==> flow/design.v <==
module dp_sel_unit_p #(
  parameter DATA_W = 3,
  parameter WAYS = 4,
  parameter LOGN = $clog2(WAYS)
) (
  input  wire clk_i,
  input  wire [WAYS*DATA_W-1:0] in_d,
  input  wire [LOGN-1:0] in_addr,
  output reg [DATA_W-1:0] out_res
);
  reg [WAYS*DATA_W-1:0] d_s;
  reg [LOGN-1:0] addr_s;
  always @(posedge clk_i) begin
    d_s <= in_d;
    addr_s <= in_addr;
  end
  wire [WAYS-1:0] hot = {{(WAYS-1){1'b0}}, 1'b1} << addr_s;
  reg [DATA_W-1:0] val;
  integer idx;
  always @* begin
    val = 0;
    for (idx = 0; idx < WAYS; idx = idx + 1)
      val = val | (d_s[idx*DATA_W +: DATA_W] & {DATA_W{hot[idx]}});
  end
  always @(posedge clk_i) begin
    out_res <= val;
  end
endmodule
From RTL to reports: dp_sel_unit_p
Tool output for the design above, in the order of the flow.
Lines are those of the file above, counted from 1.
Operators carry their Yosys type and port widths (W data, S select, Z words).
Library cell names are shortened.
{"block": "design", "top_module": "dp_sel_unit_p", "clk_port": "clk_i", "library": "sky130hd", "lib_corner": "tt_025C_1v80"}

After elaboration
Counts by Yosys on the flattened word-level netlist (proc, flatten, opt, wreduce; memories kept). Register bits leave out memories and registers merged into their read ports (data or address); mux counts leave out enables and synchronous resets folded into registers. Print and check cells are left out. Cells with the same type and inputs are merged into one.
{"block": "bits", "ff_bits": 17, "inputBits": 15, "output_inout_bits": 3, "wordCells": 11}
{"block": "op_classes", "shifts": 1, "logic": 7}
{"block": "op_table", "operator": "$and A3 B3 Y3", "count": 4}
{"block": "op_table", "operator": "$or A3 B3 Y3", "count": 3}
{"block": "op_table", "operator": "$shl A1 B2 Y4 const A", "count": 1}

Longest topological paths
Yosys ltp: most cells in a row. Word level: on the elaborated netlist, between registers, memories and ports. Mapped: between sequential cells and ports; inverters and the memories' decode and read muxes count.
{"block": "depth", "word_depth": 5, "abc_area": 0, "mapped_depth": 1, "ltp_nobuf": 1}

After synthesis
Source: synth_stat.txt of the flow (Yosys; design flattened, memories mapped). It holds for the ABC_AREA given above (unset counts as 0); a run with the other value may have another netlist.
{"block": "mapped", "stdcells": 20, "yosys_area_um2": 419.2, "seq_area_um2": 340.3, "ffs": 17, "buffers": 0}
{"block": "types", "cell_type": "dfxtp_1", "count": 17, "area_total_um2": 340.326}
{"block": "types", "cell_type": "mux4_1", "count": 3, "area_total_um2": 78.826}

Worst setup path after synthesis
Source: OpenSTA report_checks on the synthesized netlist (no wires, ideal clock, input and output delay 20% of the period each), path of least setup slack; recovery checks are left aside. Register names are those of the netlist, which keeps one name where synthesis merged equal registers.
{"block": "synth_timing", "path_kind": "register to register", "startpoint": "register addr_s[0]", "endpoint": "register out_res[0]", "clock_period_ps": 1260, "setup_time_ps": 136, "launch_ps": 0, "t_arrival_ps": 875, "required_ps": 1124, "path_slack_ps": 249, "delay_ps": 1011, "driving_pins": 2, "n_path_buf": 0, "period_less_setup_slack_ps": 1011}
"delay_ps" is the arrival time less input delay plus setup time.
"driving_pins" counts driving pins, that of a launching flip-flop among them; a cell with two outputs on the path counts twice.
"period_less_setup_slack_ps" = period - worst setup slack (recovery checks aside). The figure is calculated, with input and output delays left at 20% of the set period.
Between the ends stands the longest chain of elaborated cells between them, by number of cells; it is not shown to be the way that was timed. Of several equally long chains one is given.
Each line given opens the expression or statement behind the cell; cells for indexed reads and writes are added by Yosys, which also makes memories of some case tables.
{"block": "synth_via", "cell_sequence": "dfxtp_1 > mux4_1", "elab_chain_cells": 5, "cells_between": 8, "cone_lines": 2, "classes_between": "shift: 1; logic: 7"}
{"block": "synth_lines", "element": "start: declaration", "line_no": 12, "text": "reg [LOGN-1:0] addr_s;"}
{"block": "synth_lines", "element": "start: assignment", "line_no": 15, "text": "addr_s <= in_addr;"}
{"block": "synth_lines", "element": "$shl A1 B2 Y4", "line_no": 17, "text": "wire [WAYS-1:0] hot = {{(WAYS-1){1'b0}}, 1'b1} << addr_s;"}
{"block": "synth_lines", "element": "$and A3 B3 Y3", "line_no": 23, "text": "val = val | (d_s[idx*DATA_W +: DATA_W] & {DATA_W{hot[idx]}});"}
{"block": "synth_lines", "element": "$or A3 B3 Y3 (3 in a row)", "line_no": 23}
{"block": "synth_lines", "element": "end: assignment", "line_no": 26, "text": "out_res <= val;"}
{"block": "synth_lines", "element": "end: declaration", "line_no": 9, "text": "output reg [DATA_W-1:0] out_res"}

Worst path after layout
From the final timing report of run A: the path of least setup slack in the routed layout; clock arrival at registers is part of the times.
The report prints the path's times to 10 ps; the period is as set.
{"block": "layout_timing", "path_kind": "register to output", "startpoint": "register out_res[1]", "endpoint": "output out_res[1]", "clock_period_ps": 1260, "output_delay_ps": 250, "launch_ps": 280, "t_arrival_ps": 870, "required_ps": 1010, "path_slack_ps": 140, "driving_pins": 2, "n_path_buf": 1}
{"block": "layout_via", "cell_sequence": "dfxtp_1 > dlygate4sd2_1", "elab_chain_cells": 0, "cells_between": 0, "cone_lines": 0}
{"block": "layout_lines", "element": "start: declaration", "line_no": 9, "text": "output reg [DATA_W-1:0] out_res"}
{"block": "layout_lines", "element": "start: assignment", "line_no": 26, "text": "out_res <= val;"}
{"block": "layout_lines", "element": "end: declaration", "line_no": 9}

==> runs of dp_sel_unit_p <==
Record of 3 stored runs of the RTL-to-layout flow on dp_sel_unit_p, platform sky130hd. The runs are unordered. Constraints: input delay and output delay 20% of the set period each, output load 0.01 pF.
By "achieved_period_ps" is meant the clock period of the run minus its worst setup slack. This is arithmetic on one report: input and output delays are still those of the set period (20% each).
"timing.worst_path_ps" = time allowed to the worst setup path (clock period - input delay - output delay, where it has them) - its slack; a late launch clock adds to it, a late capture clock takes from it.
By "power_w" is meant OpenSTA's value without simulated activity: inputs other than the clock are taken to toggle once in ten clock periods, and the tool carries that through the logic.
"timing.worst_path_ps" is known to 10 ps.

Run A
==> flow/run.sh <==
#!/bin/bash
# the make line also repeats the synthesis and layout settings of config.mk as NAME=value (left out here)
make -C /OpenROAD-flow-scripts/flow DESIGN_CONFIG=/design/flow/config.mk WORK_HOME=/design/flow/orfs CLKGATE_MAP_FILE= finish
==> flow/config.mk <==
export PLATFORM = sky130hd
export DESIGN_NAME = dp_sel_unit_p
export DESIGN_NICKNAME = dp_sel_unit_p
export VERILOG_FILES = /design/flow/design.v
export SDC_FILE = /design/flow/constraint.sdc
export NUM_CORES = 4
export LEC_CHECK = 0
export CAP_MARGIN = 20
export CORE_MARGIN = 2
export CORE_UTILIZATION = 40
export SLEW_MARGIN = 20
==> flow/constraint.sdc <==
create_clock -name core_clock -period 1.26 [get_ports {clk_i}]
set_input_delay 0.2520 -clock core_clock [delete_from_list [all_inputs] [get_ports {clk_i}]]
set_output_delay 0.2520 -clock core_clock [all_outputs]
set_load 0.01 [all_outputs]

==> results of run A, as JSON <==
{
  "yosys.chip_area_um2": 419.2,
  "design.die.area_um2": 1322.8,
  "cell_area_final_um2": 620.6,
  "util_pct": 65.3,
  "setup_ws_ps": 140,
  "setup_tns_ps": 0,
  "worst_hold_slack_ps": 398,
  "power_w": 0.0008784,
  "achieved_period_ps": 1120,
  "timing.worst_path_ps": 870,
  "worst_setup_path_type": "register to output"
}

Run B
==> flow/run.sh <==
#!/bin/bash
# the make line also repeats the synthesis and layout settings of config.mk as NAME=value (left out here)
make -C /OpenROAD-flow-scripts/flow DESIGN_CONFIG=/design/flow/config.mk WORK_HOME=/design/flow/orfs CLKGATE_MAP_FILE= finish
==> flow/config.mk <==
export PLATFORM = sky130hd
export DESIGN_NAME = dp_sel_unit_p
export DESIGN_NICKNAME = dp_sel_unit_p
export VERILOG_FILES = /design/flow/design.v
export SDC_FILE = /design/flow/constraint.sdc
export NUM_CORES = 4
export LEC_CHECK = 0
export CAP_MARGIN = 20
export CELL_PAD_IN_SITES_DETAIL_PLACEMENT = 1
export CELL_PAD_IN_SITES_GLOBAL_PLACEMENT = 1
export CORE_MARGIN = 2
export CORE_UTILIZATION = 63
export GPL_TIMING_DRIVEN = 0
export MIN_ROUTING_LAYER = met2
export PLACE_DENSITY_LB_ADDON = 0.01
export SLEW_MARGIN = 35
export TNS_END_PERCENT = 30
==> flow/constraint.sdc <==
create_clock -name core_clock -period 0.759 [get_ports {clk_i}]
set_input_delay 0.1518 -clock core_clock [delete_from_list [all_inputs] [get_ports {clk_i}]]
set_output_delay 0.1518 -clock core_clock [all_outputs]
set_load 0.01 [all_outputs]

==> results of run B, as JSON <==
{
  "outcome": "unfinished; error PDN-0185 in floorplanning"
}

Run C
==> flow/run.sh <==
#!/bin/bash
# the make line also repeats the synthesis and layout settings of config.mk as NAME=value (left out here)
make -C /OpenROAD-flow-scripts/flow DESIGN_CONFIG=/design/flow/config.mk WORK_HOME=/design/flow/orfs CLKGATE_MAP_FILE= finish
==> flow/config.mk <==
export PLATFORM = sky130hd
export DESIGN_NAME = dp_sel_unit_p
export DESIGN_NICKNAME = dp_sel_unit_p
export VERILOG_FILES = /design/flow/design.v
export SDC_FILE = /design/flow/constraint.sdc
export NUM_CORES = 4
export LEC_CHECK = 0
export ABC_AREA = 0
export CAP_MARGIN = 35
export CELL_PAD_IN_SITES_DETAIL_PLACEMENT = 2
export CORE_ASPECT_RATIO = 0.73
export CORE_MARGIN = 2
export CORE_UTILIZATION = 61
export GPL_ROUTABILITY_DRIVEN = 0
export GPL_TIMING_DRIVEN = 1
export MIN_ROUTING_LAYER = met2
export SETUP_SLACK_MARGIN = 0.31
export SLEW_MARGIN = 20
==> flow/constraint.sdc <==
create_clock -name core_clock -period 1.27 [get_ports {clk_i}]
set_input_delay 0.2540 -clock core_clock [delete_from_list [all_inputs] [get_ports {clk_i}]]
set_output_delay 0.2540 -clock core_clock [all_outputs]
set_load 0.01 [all_outputs]

==> results of run C, as JSON <==
{
  "outcome": "unfinished; error PDN-0185 in floorplanning"
}
